==> flow/design.v <==
module sh_core_v2 #(
    parameter NBITS = 14,
    parameter SEL_W = $clog2(NBITS)
) (
    input logic clk_i,
    input logic rst_ni,
    input logic clk_en,
    input logic [NBITS-1:0] ch,
    input logic [SEL_W-1:0] shamt,
    output logic [NBITS-1:0] data_out
);
    always_ff @(posedge clk_i) begin
        if (~rst_ni) begin
            data_out <= 0;
        end else if (clk_en) begin
            data_out <= (ch << shamt) | (ch >> (NBITS - shamt));
        end
    end
endmodule
Reports on sh_core_v2
Module sh_core_v2 in several versions that differ in "NBITS"; each step lists the members.
The file above is the member NBITS=14. Line numbers count from 1 in each member's own file.
Operators carry their Yosys type and port widths (W data, S select, Z words).
The mark n/a stands for no value.
Design
  design top: sh_core_v2
  clock port: clk_i
  library: sky130hd
  timing corner: tt_025C_1v80

Members of the sweep
New or changed lines of each further member against the RTL above, in its own file; lines it lacks are not shown.
New or changed lines
  NBITS 16: RTL line 2  | parameter NBITS = 16,
  NBITS 48: RTL line 2  | parameter NBITS = 48,
  NBITS 56: RTL line 2  | parameter NBITS = 56,
  NBITS 80: RTL line 2  | parameter NBITS = 80,
  NBITS 96: RTL line 2  | parameter NBITS = 96,
  NBITS 128: RTL line 2  | parameter NBITS = 128,

Elaborated design
Source: Yosys, flattened and elaborated, memories not mapped. Widths are those after wreduce; folded enables and synchronous resets count as part of the registers. Registers that Yosys merges into a memory's read port (data or address) are not register bits. Print and check cells do not count. Equal cells are merged and count once.
Cells by class
  NBITS 14: add/subtract/negate cells 1, shift-type cells 2, bitwise logic cells 1
  NBITS 16: add/subtract/negate cells 1, shift-type cells 2, bitwise logic cells 1
  NBITS 48: add/subtract/negate cells 1, shift-type cells 2, bitwise logic cells 1
  NBITS 56: add/subtract/negate cells 1, shift-type cells 2, bitwise logic cells 1
  NBITS 80: add/subtract/negate cells 1, shift-type cells 2, bitwise logic cells 1
  NBITS 96: add/subtract/negate cells 1, shift-type cells 2, bitwise logic cells 1
  NBITS 128: add/subtract/negate cells 1, shift-type cells 2, bitwise logic cells 1
Operators with widths (kinds with counts)
  NBITS 14: $shr A14 B32 Y14: 1; $or A14 B14 Y14: 1; $shl A14 B4 Y14: 1; $sub A4 B4 Y5 const A: 1
  NBITS 16: $shr A16 B32 Y16: 1; $or A16 B16 Y16: 1; $shl A16 B4 Y16: 1; $sub A5 B4 Y6 const A: 1
  NBITS 48: $shr A48 B32 Y48: 1; $or A48 B48 Y48: 1; $shl A48 B6 Y48: 1; $sub A6 B6 Y7 const A: 1
  NBITS 56: $shr A56 B32 Y56: 1; $or A56 B56 Y56: 1; $shl A56 B6 Y56: 1; $sub A6 B6 Y7 const A: 1
  NBITS 80: $shr A80 B32 Y80: 1; $shl A80 B7 Y80: 1; $or A80 B80 Y80: 1; $sub A7 B7 Y8 const A: 1
  NBITS 96: $shr A96 B32 Y96: 1; $shl A96 B7 Y96: 1; $or A96 B96 Y96: 1; $sub A7 B7 Y8 const A: 1
  NBITS 128: $or A128 B128 Y128: 1; $shr A128 B32 Y128: 1; $shl A128 B7 Y128: 1; $sub A8 B7 Y9 const A: 1
Storage and ports
  NBITS 14: elaborated cells 5, output and inout port bits 14, bits of input ports 21, register bits 14
  NBITS 16: elaborated cells 5, output and inout port bits 16, bits of input ports 23, register bits 16
  NBITS 48: elaborated cells 5, output and inout port bits 48, bits of input ports 57, register bits 48
  NBITS 56: elaborated cells 5, output and inout port bits 56, bits of input ports 65, register bits 56
  NBITS 80: elaborated cells 5, output and inout port bits 80, bits of input ports 90, register bits 80
  NBITS 96: elaborated cells 5, output and inout port bits 96, bits of input ports 106, register bits 96
  NBITS 128: elaborated cells 5, output and inout port bits 128, bits of input ports 138, register bits 128

Longest topological paths
Depth = most cells in a row (Yosys ltp): at word level without a register or memory, in the mapped netlist without a sequential cell, where the memories' decode and read muxes count.
Depth
  NBITS 14: depth after elaboration 3, ABC_AREA 0, gate-level depth with buffers 8, gate-level depth less buffers 6
  NBITS 16: depth after elaboration 3, ABC_AREA 0, gate-level depth with buffers 11, gate-level depth less buffers 6
  NBITS 48: depth after elaboration 3, ABC_AREA 0, gate-level depth with buffers 16, gate-level depth less buffers 8
  NBITS 56: depth after elaboration 3, ABC_AREA 0, gate-level depth with buffers 16, gate-level depth less buffers 8
  NBITS 80: depth after elaboration 3, ABC_AREA 0, gate-level depth with buffers 18, gate-level depth less buffers 9
  NBITS 96: depth after elaboration 3, ABC_AREA 0, gate-level depth with buffers 17, gate-level depth less buffers 9
  NBITS 128: depth after elaboration 3, ABC_AREA 0, gate-level depth with buffers 19, gate-level depth less buffers 9

Netlist
The flow's flattened synthesis, as Yosys stat reports it; memories are mapped. The netlist is that of the ABC_AREA named above (0 if unset); the other value can give another one.
Synthesis totals
  NBITS 14: flip-flop cells 14, chip area (Yosys) 1961.9 µm², area of sequential cells 280.3 µm², cell count 238, buffer cells 23
  NBITS 16: flip-flop cells 16, chip area (Yosys) 2133.3 µm², area of sequential cells 320.3 µm², cell count 229, buffer cells 22
  NBITS 48: flip-flop cells 48, chip area (Yosys) 8100.3 µm², area of sequential cells 960.9 µm², cell count 866, buffer cells 94
  NBITS 56: flip-flop cells 56, chip area (Yosys) 9535.4 µm², area of sequential cells 1121.1 µm², cell count 1090, buffer cells 111
  NBITS 80: flip-flop cells 80, chip area (Yosys) 14792.9 µm², area of sequential cells 1601.5 µm², cell count 1647, buffer cells 179
  NBITS 96: flip-flop cells 96, chip area (Yosys) 17604.4 µm², area of sequential cells 1921.8 µm², cell count 1982, buffer cells 222
  NBITS 128: flip-flop cells 128, chip area (Yosys) 24357.1 µm², area of sequential cells 2562.5 µm², cell count 2662, buffer cells 292
Cell types (type and count)
  NBITS 14: sky130_fd_sc_hd__dfxtp_1: 14; sky130_fd_sc_hd__mux2i_1: 21; sky130_fd_sc_hd__clkbuf_8: 9; sky130_fd_sc_hd__mux2_2: 11; sky130_fd_sc_hd__mux4_1: 4; sky130_fd_sc_hd__o21ai_0: 21; sky130_fd_sc_hd__nand2_1: 27; sky130_fd_sc_hd__mux4_2: 4; sky130_fd_sc_hd__a21oi_1: 15; sky130_fd_sc_hd__a31oi_1: 9; sky130_fd_sc_hd__nor2_1: 13; sky130_fd_sc_hd__nand3_1: 8; sky130_fd_sc_hd__a211o_1: 3; sky130_fd_sc_hd__o32ai_1: 3; sky130_fd_sc_hd__nor2b_1: 4; sky130_fd_sc_hd__nor3_1: 5; sky130_fd_sc_hd__a211oi_1: 3; sky130_fd_sc_hd__buf_4: 3; [+61]
  NBITS 16: sky130_fd_sc_hd__mux4_2: 17; sky130_fd_sc_hd__dfxtp_1: 16; sky130_fd_sc_hd__mux2i_1: 21; sky130_fd_sc_hd__mux2_2: 11; sky130_fd_sc_hd__o21ai_0: 23; sky130_fd_sc_hd__a31oi_1: 14; sky130_fd_sc_hd__mux2_4: 5; sky130_fd_sc_hd__mux2_1: 5; sky130_fd_sc_hd__nand2_1: 15; sky130_fd_sc_hd__nand2b_1: 7; sky130_fd_sc_hd__a21oi_1: 8; sky130_fd_sc_hd__buf_2: 8; sky130_fd_sc_hd__o211ai_1: 5; sky130_fd_sc_hd__a221oi_1: 4; sky130_fd_sc_hd__a221oi_2: 2; sky130_fd_sc_hd__clkbuf_1: 8; sky130_fd_sc_hd__nor2_1: 8; sky130_fd_sc_hd__xnor2_4: 1; [+51]
  NBITS 48: sky130_fd_sc_hd__mux4_2: 85; sky130_fd_sc_hd__dfxtp_1: 48; sky130_fd_sc_hd__mux2i_1: 84; sky130_fd_sc_hd__mux2_2: 33; sky130_fd_sc_hd__nand2_1: 80; sky130_fd_sc_hd__o21ai_0: 50; sky130_fd_sc_hd__a21oi_1: 44; sky130_fd_sc_hd__mux4_1: 8; sky130_fd_sc_hd__a22oi_1: 24; sky130_fd_sc_hd__buf_2: 35; sky130_fd_sc_hd__nor2_1: 44; sky130_fd_sc_hd__buf_6: 14; sky130_fd_sc_hd__a31oi_1: 23; sky130_fd_sc_hd__o22ai_1: 23; sky130_fd_sc_hd__a211oi_1: 19; sky130_fd_sc_hd__o221ai_1: 14; sky130_fd_sc_hd__buf_4: 15; sky130_fd_sc_hd__clkbuf_1: 28; [+195]
  NBITS 56: sky130_fd_sc_hd__mux4_2: 88; sky130_fd_sc_hd__mux2i_1: 121; sky130_fd_sc_hd__dfxtp_1: 56; sky130_fd_sc_hd__mux2_2: 57; sky130_fd_sc_hd__o21ai_0: 89; sky130_fd_sc_hd__nand2_1: 103; sky130_fd_sc_hd__nor2_1: 66; sky130_fd_sc_hd__o211ai_1: 31; sky130_fd_sc_hd__a21oi_1: 44; sky130_fd_sc_hd__a221oi_1: 25; sky130_fd_sc_hd__clkbuf_1: 52; sky130_fd_sc_hd__buf_2: 32; sky130_fd_sc_hd__buf_4: 21; sky130_fd_sc_hd__a22o_1: 17; sky130_fd_sc_hd__a31oi_1: 23; sky130_fd_sc_hd__o221ai_1: 15; sky130_fd_sc_hd__o22ai_1: 21; sky130_fd_sc_hd__o221a_2: 11; [+218]
  NBITS 80: sky130_fd_sc_hd__mux4_2: 164; sky130_fd_sc_hd__dfxtp_1: 80; sky130_fd_sc_hd__mux2i_1: 154; sky130_fd_sc_hd__mux2_2: 100; sky130_fd_sc_hd__nand2_1: 205; sky130_fd_sc_hd__o21ai_0: 103; sky130_fd_sc_hd__a21oi_1: 94; sky130_fd_sc_hd__nor2_1: 113; sky130_fd_sc_hd__buf_2: 65; sky130_fd_sc_hd__o211ai_1: 34; sky130_fd_sc_hd__mux4_1: 9; sky130_fd_sc_hd__o221ai_1: 27; sky130_fd_sc_hd__clkbuf_1: 62; sky130_fd_sc_hd__buf_6: 20; sky130_fd_sc_hd__nand3_1: 40; sky130_fd_sc_hd__o21ai_1: 37; sky130_fd_sc_hd__a211oi_1: 22; sky130_fd_sc_hd__o22ai_1: 19; [+299]
  NBITS 96: sky130_fd_sc_hd__mux4_2: 220; sky130_fd_sc_hd__dfxtp_1: 96; sky130_fd_sc_hd__mux2i_1: 147; sky130_fd_sc_hd__mux2_2: 116; sky130_fd_sc_hd__o21ai_0: 170; sky130_fd_sc_hd__nand2_1: 187; sky130_fd_sc_hd__a21oi_1: 128; sky130_fd_sc_hd__nor2_1: 167; sky130_fd_sc_hd__clkbuf_1: 113; sky130_fd_sc_hd__o221ai_1: 44; sky130_fd_sc_hd__o22ai_1: 55; sky130_fd_sc_hd__a211oi_1: 42; sky130_fd_sc_hd__o221a_2: 25; sky130_fd_sc_hd__nor3_1: 52; sky130_fd_sc_hd__buf_2: 50; sky130_fd_sc_hd__buf_6: 20; sky130_fd_sc_hd__a22oi_1: 25; sky130_fd_sc_hd__nand3_1: 36; [+289]
  NBITS 128: sky130_fd_sc_hd__mux4_2: 311; sky130_fd_sc_hd__mux2i_1: 337; sky130_fd_sc_hd__dfxtp_1: 128; sky130_fd_sc_hd__mux2_2: 162; sky130_fd_sc_hd__o21ai_0: 233; sky130_fd_sc_hd__nand2_1: 278; sky130_fd_sc_hd__a21oi_1: 175; sky130_fd_sc_hd__nor2_1: 178; sky130_fd_sc_hd__clkbuf_1: 128; sky130_fd_sc_hd__buf_2: 78; sky130_fd_sc_hd__a221oi_1: 42; sky130_fd_sc_hd__o211ai_1: 47; sky130_fd_sc_hd__nand3_1: 61; sky130_fd_sc_hd__o22ai_1: 47; sky130_fd_sc_hd__o221ai_1: 32; sky130_fd_sc_hd__buf_6: 22; sky130_fd_sc_hd__a31oi_1: 35; sky130_fd_sc_hd__a211oi_1: 29; [+339]
The mark [+n] counts cells that are not listed.

Timing after synthesis
OpenSTA on the mapped netlist: ideal clock, no wires. The path of least setup slack (recovery checks aside). Input and output delay are each 20% of the period. Register names are those of the netlist, which keeps one name where synthesis merged equal registers.
Path post-synthesis
  NBITS 14: kind input -> register, start input shamt[0], end register data_out[7], period 2610 ps, stages 6, setup slack 415 ps, delay of the path 1673 ps, synthesis period reached 2195 ps
  NBITS 16: kind input -> register, start input shamt[0], end register data_out[3], period 3700 ps, stages 10, setup slack 592 ps, delay of the path 2367 ps, synthesis period reached 3108 ps
  NBITS 48: kind input -> register, start input shamt[0], end register data_out[22], period 4510 ps, stages 14, setup slack 724 ps, delay of the path 2884 ps, synthesis period reached 3786 ps
  NBITS 56: kind input -> register, start input shamt[0], end register data_out[6], period 4950 ps, stages 15, setup slack 790 ps, delay of the path 3170 ps, synthesis period reached 4160 ps
  NBITS 80: kind input -> register, start input shamt[0], end register data_out[22], period 4960 ps, stages 15, setup slack 794 ps, delay of the path 3174 ps, synthesis period reached 4166 ps
  NBITS 96: kind input -> register, start input shamt[1], end register data_out[34], period 5210 ps, stages 15, setup slack 832 ps, delay of the path 3335 ps, synthesis period reached 4378 ps
  NBITS 128: kind input -> register, start input shamt[1], end register data_out[12], period 5400 ps, stages 17, setup slack 867 ps, delay of the path 3454 ps, synthesis period reached 4533 ps
"delay of the path" is the arrival time less input delay plus setup time.
"stages" counts driving pins, that of a launching flip-flop among them; a cell with two outputs on the path counts twice.
"synthesis period reached" = period - worst setup slack (recovery checks aside). The figure is calculated, with input and output delays left at 20% of the set period.
Between the ends stands the longest chain of elaborated cells between them, by number of cells; it is not shown to be the way that was timed. Of several equally long chains one is given.
Each line given opens the expression or statement behind the cell; cells for indexed reads and writes are added by Yosys, which also makes memories of some case tables.
Between the ends, post-synthesis, NBITS=14
  length of the longest elaborated chain: 3
Ends and longest elaborated chain, post-synthesis, NBITS=14
  start, declared: RTL line 9  | input logic [SEL_W-1:0] shamt,
  $sub A4 B4 Y5: RTL line 16  | data_out <= (ch << shamt) | (ch >> (NBITS - shamt));
  $shr A14 B32 Y14: RTL line 16
  $or A14 B14 Y14: RTL line 16
  end, assigned: RTL line 14  | data_out <= 0;
  end, assigned: RTL line 16
  end, declared: RTL line 10  | output logic [NBITS-1:0] data_out
Between the ends, post-synthesis, NBITS=128
  length of the longest elaborated chain: 3
Ends and longest elaborated chain, post-synthesis, NBITS=128
  start, declared: RTL line 9  | input logic [SEL_W-1:0] shamt,
  $sub A8 B7 Y9: RTL line 16  | data_out <= (ch << shamt) | (ch >> (NBITS - shamt));
  $shr A128 B32 Y128: RTL line 16
  $or A128 B128 Y128: RTL line 16
  end, assigned: RTL line 14  | data_out <= 0;
  end, assigned: RTL line 16
  end, declared: RTL line 10  | output logic [NBITS-1:0] data_out

Worst path after layout
From the final timing report of each member's run: the path of least setup slack in the routed layout; clock arrival at registers is part of the times.
The path's times are printed in steps of 10 ps; the period is the one set.
Path after layout
  NBITS 14: kind input -> register, start input shamt[1], end register data_out[7], data arrival time 2540 ps, setup slack 190 ps, stages 6, buffers on the path 1, period 2610 ps
  NBITS 16: kind input -> register, start input shamt[1], end register data_out[1], data arrival time 3110 ps, setup slack 730 ps, stages 7, buffers on the path 1, period 3700 ps
  NBITS 48: kind input -> register, start input shamt[4], end register data_out[32], data arrival time 3780 ps, setup slack 930 ps, stages 8, buffers on the path 2, period 4510 ps
  NBITS 56: kind input -> register, start input ch[0], end register data_out[38], data arrival time 4190 ps, setup slack 910 ps, stages 6, buffers on the path 1, period 4950 ps
  NBITS 80: kind input -> register, start input shamt[6], end register data_out[17], data arrival time 4420 ps, setup slack 840 ps, stages 8, buffers on the path 2, period 4960 ps
  NBITS 96: kind input -> register, start input shamt[0], end register data_out[28], data arrival time 4920 ps, setup slack 590 ps, stages 11, buffers on the path 2, period 5210 ps
  NBITS 128: kind input -> register, start input shamt[2], end register data_out[46], data arrival time 5110 ps, setup slack 670 ps, stages 10, buffers on the path 3, period 5400 ps

Layout results
Settings and results of one run of the flow (Yosys, OpenROAD) for each member follow. The constraints put input and output delay at 20% of the set period each and load the outputs with 0.01 pF.
Settings
  CAP_MARGIN: 20
  CORE_MARGIN: 2
  CORE_UTILIZATION: 40
  SLEW_MARGIN: 20
Settings by member (period_ns)
  NBITS 14: 2.61
  NBITS 16: 3.7
  NBITS 48: 4.51
  NBITS 56: 4.95
  NBITS 80: 4.96
  NBITS 96: 5.21
  NBITS 128: 5.4
Measured results
  NBITS 14: total negative slack 0 ps, lowest setup slack 193 ps, synthesis area 1961.9 µm², total die area 5481.2 µm², achieved clock period 2417 ps, utilization in the final report 0.518, overall power 922 µW, lowest hold slack 528 ps, area of the standard cells in the finished layout 2444.8 µm²
  NBITS 16: total negative slack 0 ps, lowest setup slack 728 ps, synthesis area 2133.3 µm², total die area 5933.6 µm², achieved clock period 2972 ps, utilization in the final report 0.498, overall power 691.6 µW, lowest hold slack 518 ps, area of the standard cells in the finished layout 2561.2 µm²
  NBITS 48: total negative slack 0 ps, lowest setup slack 928 ps, synthesis area 8100.3 µm², total die area 21405.2 µm², achieved clock period 3582 ps, utilization in the final report 0.475, overall power 2262 µW, lowest hold slack 518 ps, area of the standard cells in the finished layout 9517.9 µm²
  NBITS 56: total negative slack 0 ps, lowest setup slack 912 ps, synthesis area 9535.4 µm², total die area 25089.0 µm², achieved clock period 4038 ps, utilization in the final report 0.479, overall power 2535 µW, lowest hold slack 475 ps, area of the standard cells in the finished layout 11202.0 µm²
  NBITS 80: total negative slack 0 ps, lowest setup slack 841 ps, synthesis area 14792.9 µm², total die area 38535.7 µm², achieved clock period 4119 ps, utilization in the final report 0.476, overall power 4052 µW, lowest hold slack 483 ps, area of the standard cells in the finished layout 17369.2 µm²
  NBITS 96: total negative slack 0 ps, lowest setup slack 592 ps, synthesis area 17604.4 µm², total die area 45704.0 µm², achieved clock period 4618 ps, utilization in the final report 0.479, overall power 4847 µW, lowest hold slack 491 ps, area of the standard cells in the finished layout 20723.6 µm²
  NBITS 128: total negative slack 0 ps, lowest setup slack 673 ps, synthesis area 24357.1 µm², total die area 62883.1 µm², achieved clock period 4727 ps, utilization in the final report 0.476, overall power 7069 µW, lowest hold slack 513 ps, area of the standard cells in the finished layout 28670.0 µm²
"achieved clock period" = clock period - worst setup slack. The figure is calculated, with input and output delays left at 20% of the set period.
By "overall power" is meant OpenSTA's value without simulated activity: inputs other than the clock are taken to toggle once in ten clock periods, and the tool carries that through the logic.
